==> flow/design.v <==
module cpu_comparator_stage #(
  parameter integer WD = 12,
  parameter integer WAYS = 5
) (
  input wire clk,
  input wire step,
  input wire [WAYS*WD-1:0] i_bus,
  output wire [WD-1:0] o_max_o
);
  reg [WAYS*WD-1:0] bus_r;
  always @(posedge clk) begin
    if (step) begin
      bus_r <= i_bus;
    end
  end
  wire [WD-1:0] nd [1:2*WAYS-1];
  genvar k;
  generate
    for (k = 0; k < WAYS; k = k + 1) begin : slice
      assign nd[WAYS+k] = bus_r[k*WD +: WD];
    end
    for (k = 1; k < WAYS; k = k + 1) begin : g_bit
      assign nd[k] = (nd[2*k] > nd[2*k+1]) ? nd[2*k] : nd[2*k+1];
    end
  endgenerate
  reg [WD-1:0] max_o_r;
  always @(posedge clk) begin
    if (step) begin
      max_o_r <= nd[1];
    end
  end
  assign o_max_o = max_o_r;
endmodule
Memo
Re: synthesis data of cpu_comparator_stage

== From RTL to reports: cpu_comparator_stage ==
Tool output for the members of one design family, told apart by "WAYS", in the order of the flow.
The file above is the member WAYS=5. Line numbers count from 1 in each member's own file.
Cell names lack the library's common part.
The mark - stands for no value.
Design
  top module: cpu_comparator_stage
  clock: clk
  library: sky130hd
  library corner: tt_025C_1v80

== Members of the sweep ==
Lines of each other member's file that are new or changed against the file above; lines that a member lacks are not shown.
New or changed lines
  WAYS 7: RTL line 3  | parameter integer WAYS = 7
  WAYS 8: RTL line 3  | parameter integer WAYS = 8
  WAYS 12: RTL line 3  | parameter integer WAYS = 12
  WAYS 20: RTL line 3  | parameter integer WAYS = 20

== Word level ==
Counts by Yosys on the flattened word-level netlist (proc, flatten, opt, wreduce). Print and check cells are left out. Cells with the same type and inputs are merged into one.
Storage and ports
  WAYS 5: output and inout bits 12, input port bits 62, elaborated cells 10, flip-flop bits (word level) 72
  WAYS 7: output and inout bits 12, input port bits 86, elaborated cells 14, flip-flop bits (word level) 96
  WAYS 8: output and inout bits 12, input port bits 98, elaborated cells 16, flip-flop bits (word level) 108
  WAYS 12: output and inout bits 12, input port bits 146, elaborated cells 24, flip-flop bits (word level) 156
  WAYS 20: output and inout bits 12, input port bits 242, elaborated cells 40, flip-flop bits (word level) 252
Cells by class
  WAYS 5: $lt $le $gt $ge 4, multiplexer cells 4
  WAYS 7: $lt $le $gt $ge 6, multiplexer cells 6
  WAYS 8: $lt $le $gt $ge 7, multiplexer cells 7
  WAYS 12: $lt $le $gt $ge 11, multiplexer cells 11
  WAYS 20: $lt $le $gt $ge 19, multiplexer cells 19
Operators by type and width (kinds with counts)
  WAYS 5: 4 x 12-bit > comparator; 4 x 12-bit 2-to-1 mux
  WAYS 7: 6 x 12-bit > comparator; 6 x 12-bit 2-to-1 mux
  WAYS 8: 7 x 12-bit > comparator; 7 x 12-bit 2-to-1 mux
  WAYS 12: 11 x 12-bit > comparator; 11 x 12-bit 2-to-1 mux
  WAYS 20: 19 x 12-bit > comparator; 19 x 12-bit 2-to-1 mux

== Depth ==
Depth = most cells in a row (Yosys ltp): at word level without a register or memory, in the mapped netlist without a sequential cell, where the memories' decode and read muxes count.
Logic depth
  WAYS 5: depth in word-level cells 6, ABC_AREA 0, mapped depth 26, mapped depth without buffers 22
  WAYS 7: depth in word-level cells 6, ABC_AREA 0, mapped depth 26, mapped depth without buffers 23
  WAYS 8: depth in word-level cells 6, ABC_AREA 0, mapped depth 30, mapped depth without buffers 27
  WAYS 12: depth in word-level cells 8, ABC_AREA 0, mapped depth 47, mapped depth without buffers 41
  WAYS 20: depth in word-level cells 10, ABC_AREA 0, mapped depth 58, mapped depth without buffers 53

== Netlist ==
The flow's flattened synthesis, as Yosys stat reports it; memories are mapped. The netlist is that of the ABC_AREA named above (0 if unset); the other value can give another one.
Cell types (type and count)
  WAYS 5: 72 x edfxtp_1; 48 x ha_1; 54 x inv_1; 24 x a21oi_1; 11 x mux2i_1; 14 x a21o_1; 8 x a311oi_1; 8 x a211oi_1; 12 x o21ai_0; 9 x nand4_1; 9 x o22ai_1; 4 x o221a_2; 5 x a211o_1; 3 x a211oi_2; 5 x o21a_1; 3 x a221oi_1; 7 x nor2_1; 5 x nor3_1; (+41)
  WAYS 7: 96 x edfxtp_1; 72 x ha_1; 38 x mux2i_1; 72 x inv_1; 7 x mux2i_4; 25 x a21oi_1; 16 x nand4_1; 11 x a22o_1; 11 x o22a_1; 18 x nand2_1; 13 x o21ai_0; 11 x nand3_1; 3 x mux2i_2; 5 x o211ai_1; 5 x nor2b_1; 4 x a21o_1; 3 x a2111oi_0; 6 x clkbuf_1; (+30)
  WAYS 8: 108 x edfxtp_1; 82 x ha_1; 69 x a21oi_1; 84 x inv_1; 30 x mux2i_1; 46 x nor2_1; 13 x mux2_2; 19 x nand4_1; 9 x a21o_1; 10 x o21ai_0; 7 x nand2b_1; 7 x nor2b_1; 2 x a31oi_4; 10 x nand2_1; 4 x a211o_1; 9 x clkbuf_1; 6 x nand3_1; 6 x nor3_1; (+21)
  WAYS 12: 156 x edfxtp_1; 130 x ha_1; 41 x mux2i_1; 108 x inv_1; 62 x a21oi_1; 37 x a21o_1; 43 x o21ai_0; 53 x nor2_1; 30 x nand4_1; 11 x mux2_2; 24 x nand2_1; 10 x o31a_1; 22 x clkbuf_1; 16 x nor3_1; 12 x nor2b_1; 6 x a311o_1; 8 x o211ai_1; 9 x nand2b_1; (+69)
  WAYS 20: 252 x edfxtp_1; 226 x ha_1; 155 x mux2i_1; 218 x inv_1; 89 x a21oi_1; 53 x a21o_1; 50 x nand4_1; 58 x nor2_1; 32 x nor2b_1; 38 x o21ai_0; 9 x a221oi_2; 18 x nand2b_1; 8 x mux2i_2; 21 x nor3_1; 9 x mux2_2; 18 x clkbuf_1; 18 x nand2_1; 7 x a2111oi_0; (+70)
A list marked (+n) leaves out that many cells.
Mapped netlist
  WAYS 5: sequential part of the area 2162.1 um^2, flip-flops 72, chip area (Yosys) 4181.5 um^2, standard cells after synthesis 342
  WAYS 7: sequential part of the area 2882.8 um^2, flip-flops 96, chip area (Yosys) 5610.4 um^2, standard cells after synthesis 446
  WAYS 8: sequential part of the area 3243.1 um^2, flip-flops 108, chip area (Yosys) 6262.3 um^2, standard cells after synthesis 542
  WAYS 12: sequential part of the area 4684.5 um^2, flip-flops 156, chip area (Yosys) 9614.2 um^2, standard cells after synthesis 847
  WAYS 20: sequential part of the area 7567.3 um^2, flip-flops 252, chip area (Yosys) 15860.2 um^2, standard cells after synthesis 1349

== Timing after synthesis ==
Source: OpenSTA report_checks on the synthesized netlist (no wires, ideal clock, input and output delay 20% of the period each), path of least setup slack; recovery checks are left aside. Register names are those of the netlist, which keeps one name where synthesis merged equal registers.
Timing path after synthesis
  WAYS 5: path kind reg-to-reg, start register bus_r[47], end register max_o_r[10], slack 1280 ps, period 6400 ps, path delay 5119 ps, stages 24, period reached after synthesis 5120 ps
  WAYS 7: path kind reg-to-reg, start register bus_r[17], end register max_o_r[10], slack 1444 ps, period 7220 ps, path delay 5775 ps, stages 25, period reached after synthesis 5776 ps
  WAYS 8: path kind reg-to-reg, start register bus_r[49], end register max_o_r[10], slack 1397 ps, period 6970 ps, path delay 5573 ps, stages 30, period reached after synthesis 5573 ps
  WAYS 12: path kind reg-to-reg, start register bus_r[97], end register max_o_r[11], slack 2064 ps, period 10300 ps, path delay 8236 ps, stages 41, period reached after synthesis 8236 ps
  WAYS 20: path kind reg-to-reg, start register bus_r[193], end register max_o_r[7], slack 2369 ps, period 12000 ps, path delay 9631 ps, stages 54, period reached after synthesis 9631 ps
"path delay" = arrival - input delay + setup time.
"stages" counts driving pins, that of a launching flip-flop among them; a cell with two outputs on the path counts twice.
"period reached after synthesis" = period - worst setup slack (recovery checks aside). The figure is calculated, with input and output delays left at 20% of the set period.
Between the ends stands the longest chain of elaborated cells between them, by number of cells; it is not shown to be the way that was timed. Of several equally long chains one is given.
Each line given opens the expression or statement behind the cell; cells for indexed reads and writes are added by Yosys, which also makes memories of some case tables.
Between the ends, after synthesis, WAYS=5
  length of the longest elaborated chain: 6
Ends and longest elaborated chain, after synthesis, WAYS=5
  start: declaration: RTL line 10  | reg [WAYS*WD-1:0] bus_r;
  start: assignment: RTL line 13  | bus_r <= i_bus;
  12-bit > comparator: RTL line 23  | assign nd[k] = (nd[2*k] > nd[2*k+1]) ? nd[2*k] : nd[2*k+1];
  12-bit 2-to-1 mux: RTL line 23
  12-bit > comparator: RTL line 23
  12-bit 2-to-1 mux: RTL line 23
  12-bit > comparator: RTL line 23
  12-bit 2-to-1 mux: RTL line 23
  end: assignment: RTL line 29  | max_o_r <= nd[1];
  end: declaration: RTL line 26  | reg [WD-1:0] max_o_r;
Between the ends, after synthesis, WAYS=20
  length of the longest elaborated chain: 10
Ends and longest elaborated chain, after synthesis, WAYS=20
  start: declaration: RTL line 10  | reg [WAYS*WD-1:0] bus_r;
  start: assignment: RTL line 13  | bus_r <= i_bus;
  12-bit > comparator: RTL line 23  | assign nd[k] = (nd[2*k] > nd[2*k+1]) ? nd[2*k] : nd[2*k+1];
  12-bit 2-to-1 mux: RTL line 23
  12-bit > comparator: RTL line 23
  12-bit 2-to-1 mux: RTL line 23
  12-bit > comparator: RTL line 23
  12-bit 2-to-1 mux: RTL line 23
  12-bit > comparator: RTL line 23
  12-bit 2-to-1 mux: RTL line 23
  12-bit > comparator: RTL line 23
  12-bit 2-to-1 mux: RTL line 23
  end: assignment: RTL line 29  | max_o_r <= nd[1];
  end: declaration: RTL line 26  | reg [WD-1:0] max_o_r;

== Timing after layout ==
Path of least setup slack in the final report of each member's run (OpenROAD, finished layout, wires in). Where an end is a register, its clock arrival counts in the times.
The report prints the path's times to 10 ps; the period is as set.
Timing path after layout
  WAYS 5: path kind reg-to-reg, start register bus_r[59], end register max_o_r[7], slack 590 ps, buffers on the path 0, data arrival time 5880 ps, period 6400 ps, stages 23
  WAYS 7: path kind reg-to-reg, start register bus_r[19], end register max_o_r[5], slack 790 ps, buffers on the path 4, data arrival time 6530 ps, period 7220 ps, stages 24
  WAYS 8: path kind reg-to-reg, start register bus_r[25], end register max_o_r[9], slack 720 ps, buffers on the path 1, data arrival time 6360 ps, period 6970 ps, stages 26
  WAYS 12: path kind reg-to-reg, start register bus_r[121], end register max_o_r[9], slack 1180 ps, buffers on the path 2, data arrival time 9290 ps, period 10300 ps, stages 38
  WAYS 20: path kind reg-to-reg, start register bus_r[202], end register max_o_r[0], slack 1110 ps, buffers on the path 0, data arrival time 11240 ps, period 12000 ps, stages 50

== Flow runs ==
Settings and results of one run of the flow (Yosys, OpenROAD) for each member follow. The constraints put input and output delay at 20% of the set period each and load the outputs with 0.01 pF.
Settings
  CAP_MARGIN: 20
  CORE_MARGIN: 2
  CORE_UTILIZATION: 40
  SLEW_MARGIN: 20
Settings by member (period_ns)
  WAYS 5: 6.4
  WAYS 7: 7.22
  WAYS 8: 6.97
  WAYS 12: 10.3
  WAYS 20: 12.0
Results
  WAYS 5: mapped cell area after synthesis 4181.5 um^2, worst hold slack in the final report 682 ps, post-layout utilization 50.9%, standard-cell area after routing 5210.0 um^2, die size 11288.0 um^2, final setup TNS 0 ps, reached clock period 5806 ps, setup slack of the worst path 594 ps
  WAYS 7: mapped cell area after synthesis 5610.4 um^2, worst hold slack in the final report 753 ps, post-layout utilization 51.9%, standard-cell area after routing 7151.9 um^2, die size 14989.1 um^2, final setup TNS 0 ps, reached clock period 6427 ps, setup slack of the worst path 793 ps
  WAYS 8: mapped cell area after synthesis 6262.3 um^2, worst hold slack in the final report 905 ps, post-layout utilization 52.0%, standard-cell area after routing 7927.6 um^2, die size 16672.0 um^2, final setup TNS 0 ps, reached clock period 6251 ps, setup slack of the worst path 719 ps
  WAYS 12: mapped cell area after synthesis 9614.2 um^2, worst hold slack in the final report 960 ps, post-layout utilization 51.6%, standard-cell area after routing 12136.6 um^2, die size 25292.1 um^2, final setup TNS 0 ps, reached clock period 9122 ps, setup slack of the worst path 1178 ps
  WAYS 20: mapped cell area after synthesis 15860.2 um^2, worst hold slack in the final report 1053 ps, post-layout utilization 51.5%, standard-cell area after routing 20054.2 um^2, die size 41259.8 um^2, final setup TNS 0 ps, reached clock period 10892 ps, setup slack of the worst path 1108 ps
"reached clock period" = clock period - worst setup slack. The figure is calculated, with input and output delays left at 20% of the set period.
